==> flow/design.v <==
module u_mul_unit_rtl_add_row #(parameter N = 4) (
    input wire [N-1:0] a,
    input wire sel,
    input wire [N-1:0] pin,
    output wire [N:0] pout
);
    assign pout = pin + (a & {N{sel}});
endmodule
module u_mul_unit_rtl #(
    parameter DWIDTH = 8
) (
    input wire sys_clk,
    input wire [DWIDTH-1:0] u,
    input wire [DWIDTH-1:0] v,
    output reg [2*DWIDTH-1:0] p
);
    wire [DWIDTH:0] node [0:DWIDTH];
    wire [DWIDTH-1:0] lo;
    assign node[0] = 0;
    genvar i;
    generate
        for (i = 0; i < DWIDTH; i = i + 1) begin : slice
            u_mul_unit_rtl_add_row #(.N(DWIDTH)) i_sub (.a(u), .sel(v[i]), .pin(node[i][DWIDTH:1]), .pout(node[i+1]));
            assign lo[i] = node[i+1][0];
        end
    endgenerate
    always @(posedge sys_clk) begin
        p <= {node[DWIDTH][DWIDTH:1], lo};
    end
endmodule
Reports on u_mul_unit_rtl
Tool output for the design above, in the order of the flow.
Line numbers count from 1 in the design file above.
Operators: Yosys type, input widths -> output width; for muxes data width and select width s.
Cell names lack the library's common part.
{"block": "design", "design": "u_mul_unit_rtl", "clk_port": "sys_clk", "cell_library": "sky130hd", "lib_corner": "tt_025C_1v80"}

Word level
Yosys after proc, flatten, opt, wreduce and memory -nomap, before mapping. Enables and synchronous resets that opt folds into registers are not counted as muxes. Memory bits, and registers merged into a memory's read port (data or address), are not among the register bits. Print and check cells are not counted. Equal cells are merged and count once.
{"block": "classes", "addsub": 7, "mul": 0, "div": 0, "n_cmp": 0, "n_eq": 0, "shift": 0, "mux": 0, "logic": 8, "reduce_logical": 0}
{"block": "op_table", "op": "$and 8x8->8", "n": 8}
{"block": "op_table", "op": "$add 8x9->9", "n": 6}
{"block": "op_table", "op": "$add 7x9->9", "n": 1}
{"block": "bits", "ff_bits": 16, "latchBits": 0, "ram_bits": 0, "romBits": 0, "clocked_rd_ports_x_width": 0, "memories": 0, "input_bits": 17, "out_inout_bits": 16, "wordCells": 16}

Logic depth
Longest topological path by Yosys (ltp), each cell counted once; first at word level (registers and memories cut), then after technology mapping (sequential cells cut; the memories' decode and read muxes count).
{"block": "depth", "ltp_word": 8, "abc_area": 0, "ltp_mapped": 36, "mapped_depth_nobuf": 36}

After synthesis
Source: synth_stat.txt of the flow (Yosys; design flattened, memories mapped). It holds for the ABC_AREA given above (unset counts as 0); a run with the other value may have another netlist.
{"block": "synth_totals", "cell_count": 356, "mapped_area_um2": 2856.5, "sequential_area_um2": 320.3, "ffs": 16, "buf_cells": 0}
{"block": "by_type", "type": "ha_1", "n": 55, "area_total_um2": 688.16}
{"block": "by_type", "type": "and2_1", "n": 59, "area_total_um2": 369.104}
{"block": "by_type", "type": "dfxtp_1", "n": 16, "area_total_um2": 320.307}
{"block": "by_type", "type": "xnor2_1", "n": 26, "area_total_um2": 227.718}
{"block": "by_type", "type": "fa_1", "n": 7, "area_total_um2": 140.134}
{"block": "by_type", "type": "a21oi_1", "n": 23, "area_total_um2": 115.11}
{"block": "by_type", "type": "nor2_1", "n": 29, "area_total_um2": 108.854}
{"block": "by_type", "type": "inv_1", "n": 24, "area_total_um2": 90.086}
{"block": "by_type", "type": "xor2_1", "n": 10, "area_total_um2": 87.584}
{"block": "by_type", "type": "nand2_1", "n": 21, "area_total_um2": 78.826}
{"block": "by_type", "type": "a21oi_2", "n": 8, "area_total_um2": 70.067}
{"block": "by_type", "type": "o21a_1", "n": 9, "area_total_um2": 67.565}
{"block": "by_type", "type": "nor2b_1", "n": 10, "area_total_um2": 62.56}
{"block": "by_type", "type": "o21ai_1", "n": 11, "area_total_um2": 55.053}
{"block": "by_type", "type": "o21ai_2", "n": 4, "area_total_um2": 35.034}
{"block": "by_type", "type": "a21boi_2", "n": 3, "area_total_um2": 33.782}
{"block": "by_type", "type": "nor3_1", "n": 6, "area_total_um2": 30.029}
{"block": "by_type", "type": "and3b_1", "n": 3, "area_total_um2": 26.275}
Other cell types: 17; their cells: 32.
The figures by module come from a second, unflattened synthesis with its own total; it is not the netlist above.
{"block": "unflattened", "cells_unflattened": 417, "area_unflattened_um2": 3316.9}
Each row is one instance without its submodules.
{"block": "by_module", "module": "u_mul_unit_rtl_add_row #(N=8)", "n_inst": 8, "n_cells": 50, "area_um2": 374.1, "seq_area_um2": 0.0}
{"block": "by_module", "module": "u_mul_unit_rtl", "n_inst": 1, "n_cells": 17, "area_um2": 324.1, "seq_area_um2": 320.3}

Path before layout
OpenSTA on the mapped netlist: ideal clock, no wires. The path of least setup slack (recovery checks aside). Input and output delay are each 20% of the period. Register names are those of the netlist, which keeps one name where synthesis merged equal registers.
{"block": "synth_path", "path_kind": "input to register", "from": "in u[1]", "to": "reg p[14]", "period_ns": 9.14, "input_delay_ns": 1.828, "setup_time_ns": 0.123, "t_first_pin_ns": 1.828, "arrival_time_ns": 7.552, "required_ns": 9.017, "slack_ns": 1.465, "path_delay_ns": 5.847, "path_stages": 33, "path_buffers": 0, "period_less_setup_slack_ns": 7.675}
"path_delay_ns" = arrival - input delay + setup time.
"path_stages" counts driving pins, that of a launching flip-flop among them; a cell with two outputs on the path counts twice.
"period_less_setup_slack_ns" is the clock period less the worst setup slack; recovery checks do not enter. This is arithmetic on one report: input and output delays are still those of the set period (20% each).
Between the ends stands the longest chain of elaborated cells between them, by number of cells; it is not shown to be the way that was timed. Of several equally long chains one is given.
Each line given opens the expression or statement behind the cell; cells for indexed reads and writes are added by Yosys, which also makes memories of some case tables.
{"block": "synth_via", "cell_sequence": "and2_1 > ha_1 > fa_1 > a21oi_1 > o21bai_1 > xor2_1 > ha_1 > nand3_1 > nand2_1 > a31oi_2 > xnor2_1 > ha_1 > a21boi_1 > nor2_1 > xnor2_1 > ha_1 > a21boi_2 > o31a_1 > a21oi_1 > ha_1 > o21a_1 > nor2_1 > a21oi_1 > xor2_1 > ha_1 > or3_1 > o22ai_1 > xnor2_1 > ha_1 > o21a_1 > nor2_1 > a21oi_1 > xor2_1", "elab_chain_cells": 8, "cells_between": 15, "cone_lines": 1, "classes_between": "add/sub (7); logic (8)"}
{"block": "synth_lines", "element": "start: declaration", "line_no": 13, "text": "input wire [DWIDTH-1:0] u,"}
{"block": "synth_lines", "element": "$and 8x8->8", "line_no": 7, "text": "assign pout = pin + (a & {N{sel}});"}
{"block": "synth_lines", "element": "$add 7x9->9", "line_no": 7}
{"block": "synth_lines", "element": "$add 8x9->9 (6 in a row)", "line_no": 7}
{"block": "synth_lines", "element": "end: assignment", "line_no": 28, "text": "p <= {node[DWIDTH][DWIDTH:1], lo};"}
{"block": "synth_lines", "element": "end: declaration", "line_no": 15, "text": "output reg [2*DWIDTH-1:0] p"}

Path in the finished layout
Path of least setup slack in the final report of entry A (OpenROAD, finished layout, wires in). Where an end is a register, its clock arrival counts in the times.
{"block": "layout_path", "path_kind": "input to register", "from": "in v[1]", "to": "reg p[14]", "period_ns": 7.33, "input_delay_ns": 1.47, "setup_time_ns": 0.11, "t_first_pin_ns": 1.47, "arrival_time_ns": 7.55, "required_ns": 7.47, "slack_ns": -0.07, "path_stages": 35, "path_buffers": 4}
Between the ends stands the longest chain of elaborated cells between them, by number of cells; it is not shown to be the way that was timed. Of several equally long chains one is given.
{"block": "layout_via", "cell_sequence": "buf_8 > and2_4 > ha_4 > fa_2 > buf_4 > xor2_4 > fa_2 > a21oi_2 > o21bai_1 > xor2_1 > ha_1 > buf_6 > o21ai_4 > nand2_1 > xor2_1 > ha_1 > and3b_1 > o21ai_2 > buf_4 > a21oi_2 > xor2_1 > ha_1 > o21a_1 > nor2_1 > a21oi_2 > xor2_1 > ha_2 > or3_4 > o22ai_2 > xnor2_1 > ha_1 > o21a_1 > nor2_1 > a21oi_1 > xor2_1", "elab_chain_cells": 8, "cells_between": 8, "cone_lines": 1, "classes_between": "add/sub (7); logic (1)"}
{"block": "layout_lines", "element": "start: declaration", "line_no": 14, "text": "input wire [DWIDTH-1:0] v,"}
{"block": "layout_lines", "element": "$and 8x8->8", "line_no": 7, "text": "assign pout = pin + (a & {N{sel}});"}
{"block": "layout_lines", "element": "$add 7x9->9", "line_no": 7}
{"block": "layout_lines", "element": "$add 8x9->9 (6 in a row)", "line_no": 7}
{"block": "layout_lines", "element": "end: assignment", "line_no": 28, "text": "p <= {node[DWIDTH][DWIDTH:1], lo};"}
{"block": "layout_lines", "element": "end: declaration", "line_no": 15, "text": "output reg [2*DWIDTH-1:0] p"}

FLOW RESULTS
============

Record of 3 stored runs of the RTL-to-layout flow on u_mul_unit_rtl, platform sky130hd. The runs are unordered. Constraints: input delay and output delay 20% of the set period each, output load 0.01 pF.
"clock_period_reached_ns" = clock period - worst setup slack. The figure is calculated, with input and output delays left at 20% of the set period.
"worst_path_allowed_less_slack_ns" = time allowed to the worst setup path (clock period - input delay - output delay, where it has them) - its slack; a late launch clock adds to it, a late capture clock takes from it.
"power_mw" is the tool's figure for a default switching activity; nothing was simulated.

{"run": "entry A", "settings": { "period_ns": 7.33, "CORE_UTILIZATION": 32, "SETUP_SLACK_MARGIN": 1.25, "PLACE_DENSITY_LB_ADDON": 0.0, "TNS_END_PERCENT": 80, "GPL_TIMING_DRIVEN": 1, "GPL_ROUTABILITY_DRIVEN": 0, "CTS_CLUSTER_SIZE": 26, "MAX_ROUTING_LAYER": "met4", "CAP_MARGIN": 20, "CORE_MARGIN": 2, "SLEW_MARGIN": 20 }, "results": { "ys_area_um2": 2856.5, "total_die_area_um2": 9698.3, "cell_area_final_um2": 4749.6, "fin_util_pct": 54.7, "worstSetupSlack_ns": -0.074, "tns_setup_ns": -0.117, "fin_hold_ws_ns": 1.518, "power_mw": 2.093, "clock_period_reached_ns": 7.404, "worst_path_allowed_less_slack_ns": 5.94, "worst_setup_path_type": "input to register" }}
{"run": "entry B", "settings": { "period_ns": 9.51, "CORE_UTILIZATION": 53, "SETUP_SLACK_MARGIN": 0.5, "PLACE_DENSITY_LB_ADDON": 0.13, "CORE_ASPECT_RATIO": 1.12, "ABC_AREA": 1, "SLEW_MARGIN": 15, "MIN_ROUTING_LAYER": "met2", "CAP_MARGIN": 20, "CORE_MARGIN": 2 }, "results": { "ys_area_um2": 3362.0, "total_die_area_um2": 6997.4, "cell_area_final_um2": 3847.4, "fin_util_pct": 63.3, "worstSetupSlack_ns": 1.231, "tns_setup_ns": 0.000, "fin_hold_ws_ns": 1.995, "power_mw": 0.9435, "clock_period_reached_ns": 8.279, "worst_path_allowed_less_slack_ns": 6.38, "worst_setup_path_type": "input to register" }}
{"run": "entry C", "settings": { "period_ns": 9.14, "CAP_MARGIN": 20, "CORE_MARGIN": 2, "CORE_UTILIZATION": 40, "SLEW_MARGIN": 20 }, "results": { "ys_area_um2": 2856.5, "total_die_area_um2": 7833.1, "cell_area_final_um2": 3363.2, "fin_util_pct": 49.0, "worstSetupSlack_ns": 0.567, "tns_setup_ns": 0.000, "fin_hold_ws_ns": 2.347, "power_mw": 0.9969, "clock_period_reached_ns": 8.573, "worst_path_allowed_less_slack_ns": 6.74, "worst_setup_path_type": "input to register" }}
